==> flow/design.v <==
module u_add_core #(
   parameter integer DW = 48
) (
   input  logic ck,
   input  logic RSTN,
   input  logic [DW-1:0] arg0,
   input  logic [DW-1:0] arg1,
   input  logic [DW-1:0] arg2,
   output logic [DW+1:0] s
);
   logic [DW-1:0] arg0_r;
   logic [DW-1:0] arg1_r;
   logic [DW-1:0] arg2_r;
   logic [DW:0] tmp_r;
   logic [DW-1:0] arg2_r_d;
   always_ff @(posedge ck) begin
      if (~RSTN) begin
         arg0_r <= '0;
         arg1_r <= '0;
         arg2_r <= '0;
         tmp_r <= '0;
         arg2_r_d <= '0;
         s <= '0;
      end else begin
         arg0_r <= arg0;
         arg1_r <= arg1;
         arg2_r <= arg2;
         tmp_r <= arg0_r + arg1_r;
         arg2_r_d <= arg2_r;
         s <= tmp_r + arg2_r_d;
      end
   end
endmodule
=== Reports on u_add_core ===
The steps from the RTL of u_add_core to its reports follow in flow order.
Lines are those of the file above, counted from 1.
Operators carry their Yosys type and port widths (W data, S select, Z words).
The mark -- stands for no value.

* Design top: u_add_core
* Clock: ck
* Cell library: sky130hd
* Corner: tt_025C_1v80

=== Elaborated design ===
Counts by Yosys on the flattened word-level netlist (proc, flatten, opt, wreduce; memories kept). Register bits leave out memories and registers merged into their read ports (data or address); mux counts leave out enables and synchronous resets folded into registers. Print and check cells are left out. Cells with the same type and inputs are merged into one.

* Add/sub/neg operators: 2

{| class="wikitable"
|+ Operator list
! kind !! count
|-
| $add A49 B48 Y50 || 1
|-
| $add A48 B48 Y49 || 1
|}

* Bits in registers: 291
* Output and inout port bits: 50
* Word-level cells: 8

=== Depth ===
Longest topological path by Yosys (ltp), each cell counted once; first at word level (registers and memories cut), then after technology mapping (sequential cells cut; the memories' decode and read muxes count).

* Word-level depth: 1
* ABC_AREA: 0
* Gate-level depth with buffers: 13

=== Synthesis result ===
Yosys stat after the flow's synthesis: flattened, memories mapped to cells. It holds for the ABC_AREA given above (unset counts as 0); a run with the other value may have another netlist.
Totals and module areas in this step are rounded.

{| class="wikitable"
|+ Cells by type
! cell !! count
|-
| sky130_fd_sc_hd__dfxtp_1 || 291
|-
| sky130_fd_sc_hd__and2_1 || 274
|-
| sky130_fd_sc_hd__ha_1 || 96
|-
| sky130_fd_sc_hd__a21o_1 || 70
|-
| sky130_fd_sc_hd__a21oi_1 || 92
|-
| sky130_fd_sc_hd__xnor2_1 || 45
|-
| sky130_fd_sc_hd__nand2_1 || 87
|-
| sky130_fd_sc_hd__xor2_1 || 34
|-
| sky130_fd_sc_hd__clkbuf_1 || 58
|-
| sky130_fd_sc_hd__nor2_1 || 57
|-
| sky130_fd_sc_hd__o21ai_0 || 42
|-
| sky130_fd_sc_hd__nand4_1 || 28
|-
| sky130_fd_sc_hd__o21bai_1 || 14
|-
| sky130_fd_sc_hd__inv_1 || 23
|-
| sky130_fd_sc_hd__nand3_1 || 17
|-
| sky130_fd_sc_hd__nor3_1 || 14
|-
| sky130_fd_sc_hd__a31oi_1 || 11
|-
| sky130_fd_sc_hd__o21a_1 || 9
|}

Not listed: further types 52, cells in them 133.

* Cells in the netlist: 1,395
* Chip area (Yosys): 13,000 sq um
* Flip-flops: 291
* Buffers: 63

=== Timing after synthesis ===
OpenSTA on the mapped netlist: ideal clock, no wires. The path of least setup slack (recovery checks aside). Input and output delay are each 20% of the period. Register names are those of the netlist, which keeps one name where synthesis merged equal registers.

* Kind: register to register
* Start point: register arg0_r[0]
* End point: register tmp_r[42]
* Period: 3.57 ns
* Setup time: 0.115 ns
* Arrival time: 2.740 ns
* Data required time: 3.455 ns
* Path slack: 0.715 ns
* Delay of the path: 2.855 ns
* Stages: 13
* Path buffers: 0
* Synthesis period reached: 2.855 ns

"delay of the path" = arrival - input delay + setup time.
"stages" counts driving pins, that of a launching flip-flop among them; a cell with two outputs on the path counts twice.
"synthesis period reached" = period - worst setup slack (recovery checks aside). The figure is calculated, with input and output delays left at 20% of the set period.
The rows between start and end are the longest chain of elaborated cells between them; the timing report does not say that the signal goes this way. Where chains are equally long, one stands for them.
Each line given opens the expression or statement behind the cell; cells for indexed reads and writes are added by Yosys, which also makes memories of some case tables.

* Path through: sky130_fd_sc_hd__dfxtp_1 -> sky130_fd_sc_hd__ha_1 -> sky130_fd_sc_hd__fa_1 -> sky130_fd_sc_hd__a211oi_1 -> sky130_fd_sc_hd__o21ai_0 -> sky130_fd_sc_hd__a21oi_2 -> sky130_fd_sc_hd__o31ai_4 -> sky130_fd_sc_hd__a31oi_2 -> sky130_fd_sc_hd__o41ai_2 -> sky130_fd_sc_hd__a221oi_2 -> sky130_fd_sc_hd__o21bai_2 -> sky130_fd_sc_hd__xor2_1 -> sky130_fd_sc_hd__and2_1
* Cells in the longest elaborated chain: 1
* Elaborated cells between the ends (all ways): 1
* RTL lines with such cells: 1

{| class="wikitable"
|+ RTL lines, path post-synthesis
! item !! line !! text
|-
| start, declared || 11 || <nowiki>logic [DW-1:0] arg0_r;</nowiki>
|-
| start, assigned || 18 || <nowiki>arg0_r <= '0;</nowiki>
|-
| start, assigned || 25 || <nowiki>arg0_r <= arg0;</nowiki>
|-
| $add A48 B48 Y49 || 28 || <nowiki>tmp_r <= arg0_r + arg1_r;</nowiki>
|-
| end, assigned || 21 || <nowiki>tmp_r <= '0;</nowiki>
|-
| end, assigned || 28 ||
|-
| end, declared || 14 || <nowiki>logic [DW:0] tmp_r;</nowiki>
|}

=== Timing after layout ===
Path of least setup slack in the final report of entry A (OpenROAD, finished layout, wires in). Where an end is a register, its clock arrival counts in the times.

* Kind: register to register
* Start point: register arg0_r[0]
* End point: register tmp_r[42]
* Period: 3.57 ns
* Setup time: 0.10 ns
* Arrival time: 3.60 ns
* Data required time: 4.00 ns
* Path slack: 0.40 ns
* Stages: 13
* Path buffers: 0

The rows between start and end are the longest chain of elaborated cells between them; the timing report does not say that the signal goes this way. Where chains are equally long, one stands for them.

* Path through: sky130_fd_sc_hd__dfxtp_1 -> sky130_fd_sc_hd__ha_1 -> sky130_fd_sc_hd__fa_1 -> sky130_fd_sc_hd__a211oi_1 -> sky130_fd_sc_hd__o21ai_0 -> sky130_fd_sc_hd__a21oi_2 -> sky130_fd_sc_hd__o31ai_4 -> sky130_fd_sc_hd__a31oi_2 -> sky130_fd_sc_hd__o41ai_2 -> sky130_fd_sc_hd__a221oi_2 -> sky130_fd_sc_hd__o21bai_2 -> sky130_fd_sc_hd__xor2_1 -> sky130_fd_sc_hd__and2_1
* Cells in the longest elaborated chain: 1
* Elaborated cells between the ends (all ways): 1
* RTL lines with such cells: 1

{| class="wikitable"
|+ RTL lines, path after layout
! item !! line !! text
|-
| start, declared || 11 || <nowiki>logic [DW-1:0] arg0_r;</nowiki>
|-
| start, assigned || 18 || <nowiki>arg0_r <= '0;</nowiki>
|-
| start, assigned || 25 || <nowiki>arg0_r <= arg0;</nowiki>
|-
| $add A48 B48 Y49 || 28 || <nowiki>tmp_r <= arg0_r + arg1_r;</nowiki>
|-
| end, assigned || 21 || <nowiki>tmp_r <= '0;</nowiki>
|-
| end, assigned || 28 ||
|-
| end, declared || 14 || <nowiki>logic [DW:0] tmp_r;</nowiki>
|}

## Implementation results

Record of 3 stored runs of the RTL-to-layout flow on u_add_core, platform sky130hd. The runs are unordered. Constraints: input delay and output delay 20% of the set period each, output load 0.01 pF.
"achieved period" is the run's clock period less its worst setup slack. It is reckoned from that one timing run; input and output delays stay at 20% of the period that was set.
"worst setup path time" is the time allowed to the run's worst setup path (the clock period less input and output delay, where it has them) less its slack. Clock arrival times count: a late capture clock shortens it, a late launch clock lengthens it.
"power": no workload was simulated; the value follows from the tool's default switching activity.
Measured values are rounded.

=== Entry A ===
{| class="wikitable"
! Setting !! Value
|-
| period_ns || 3.57
|-
| CAP_MARGIN || 20
|-
| CORE_MARGIN || 2
|-
| CORE_UTILIZATION || 40
|-
| SLEW_MARGIN || 20
|-
! Result !! Value
|-
| Post-route worst hold slack || 0.42 ns
|-
| Area of the die || 34,000 sq um
|-
| Worst setup path time || 3.17 ns
|-
| Worst setup path kind || register to register
|-
| Power || 7.8 mW
|-
| Achieved period || 3.167 ns
|-
| Setup slack of the worst path || 0.40 ns
|-
| Utilization || 51%
|-
| Standard-cell area after layout || 16,000 sq um
|-
| Yosys chip area after synthesis || 13,000 sq um
|}

=== Entry B ===
{| class="wikitable"
! Setting !! Value
|-
| period_ns || 4.11
|-
| CORE_UTILIZATION || 20
|-
| CELL_PAD_IN_SITES_GLOBAL_PLACEMENT || 3
|-
| CELL_PAD_IN_SITES_DETAIL_PLACEMENT || 2
|-
| TNS_END_PERCENT || 5
|-
| GPL_TIMING_DRIVEN || 0
|-
| GPL_ROUTABILITY_DRIVEN || 0
|-
| CAP_MARGIN || 25
|-
| SLEW_MARGIN || 10
|-
| MIN_ROUTING_LAYER || met2
|-
| CORE_MARGIN || 2
|-
! Result !! Value
|-
| Power || 7.5 mW
|-
| Worst setup path time || 3.51 ns
|-
| Worst setup path kind || register to register
|-
| Yosys chip area after synthesis || 13,000 sq um
|-
| Area of the die || 68,000 sq um
|-
| Post-route worst hold slack || 0.43 ns
|-
| Standard-cell area after layout || 17,000 sq um
|-
| Setup slack of the worst path || 0.60 ns
|-
| Utilization || 27%
|-
| Achieved period || 3.514 ns
|}

=== Entry C ===
{| class="wikitable"
! Setting !! Value
|-
| period_ns || 3.11
|-
| CORE_UTILIZATION || 21
|-
| SETUP_SLACK_MARGIN || 0.45
|-
| PLACE_DENSITY_LB_ADDON || 0.14
|-
| CELL_PAD_IN_SITES_DETAIL_PLACEMENT || 0
|-
| GPL_TIMING_DRIVEN || 0
|-
| SLEW_MARGIN || 10
|-
| MAX_ROUTING_LAYER || met4
|-
| CAP_MARGIN || 20
|-
| CORE_MARGIN || 2
|-
! Result !! Value
|-
| Area of the die || 65,000 sq um
|-
| Utilization || 31%
|-
| Setup slack of the worst path || 0.18 ns
|-
| Power || 9.9 mW
|-
| Standard-cell area after layout || 19,000 sq um
|-
| Worst setup path time || 2.93 ns
|-
| Worst setup path kind || register to register
|-
| Post-route worst hold slack || 0.42 ns
|-
| Yosys chip area after synthesis || 13,000 sq um
|-
| Achieved period || 2.929 ns
|}
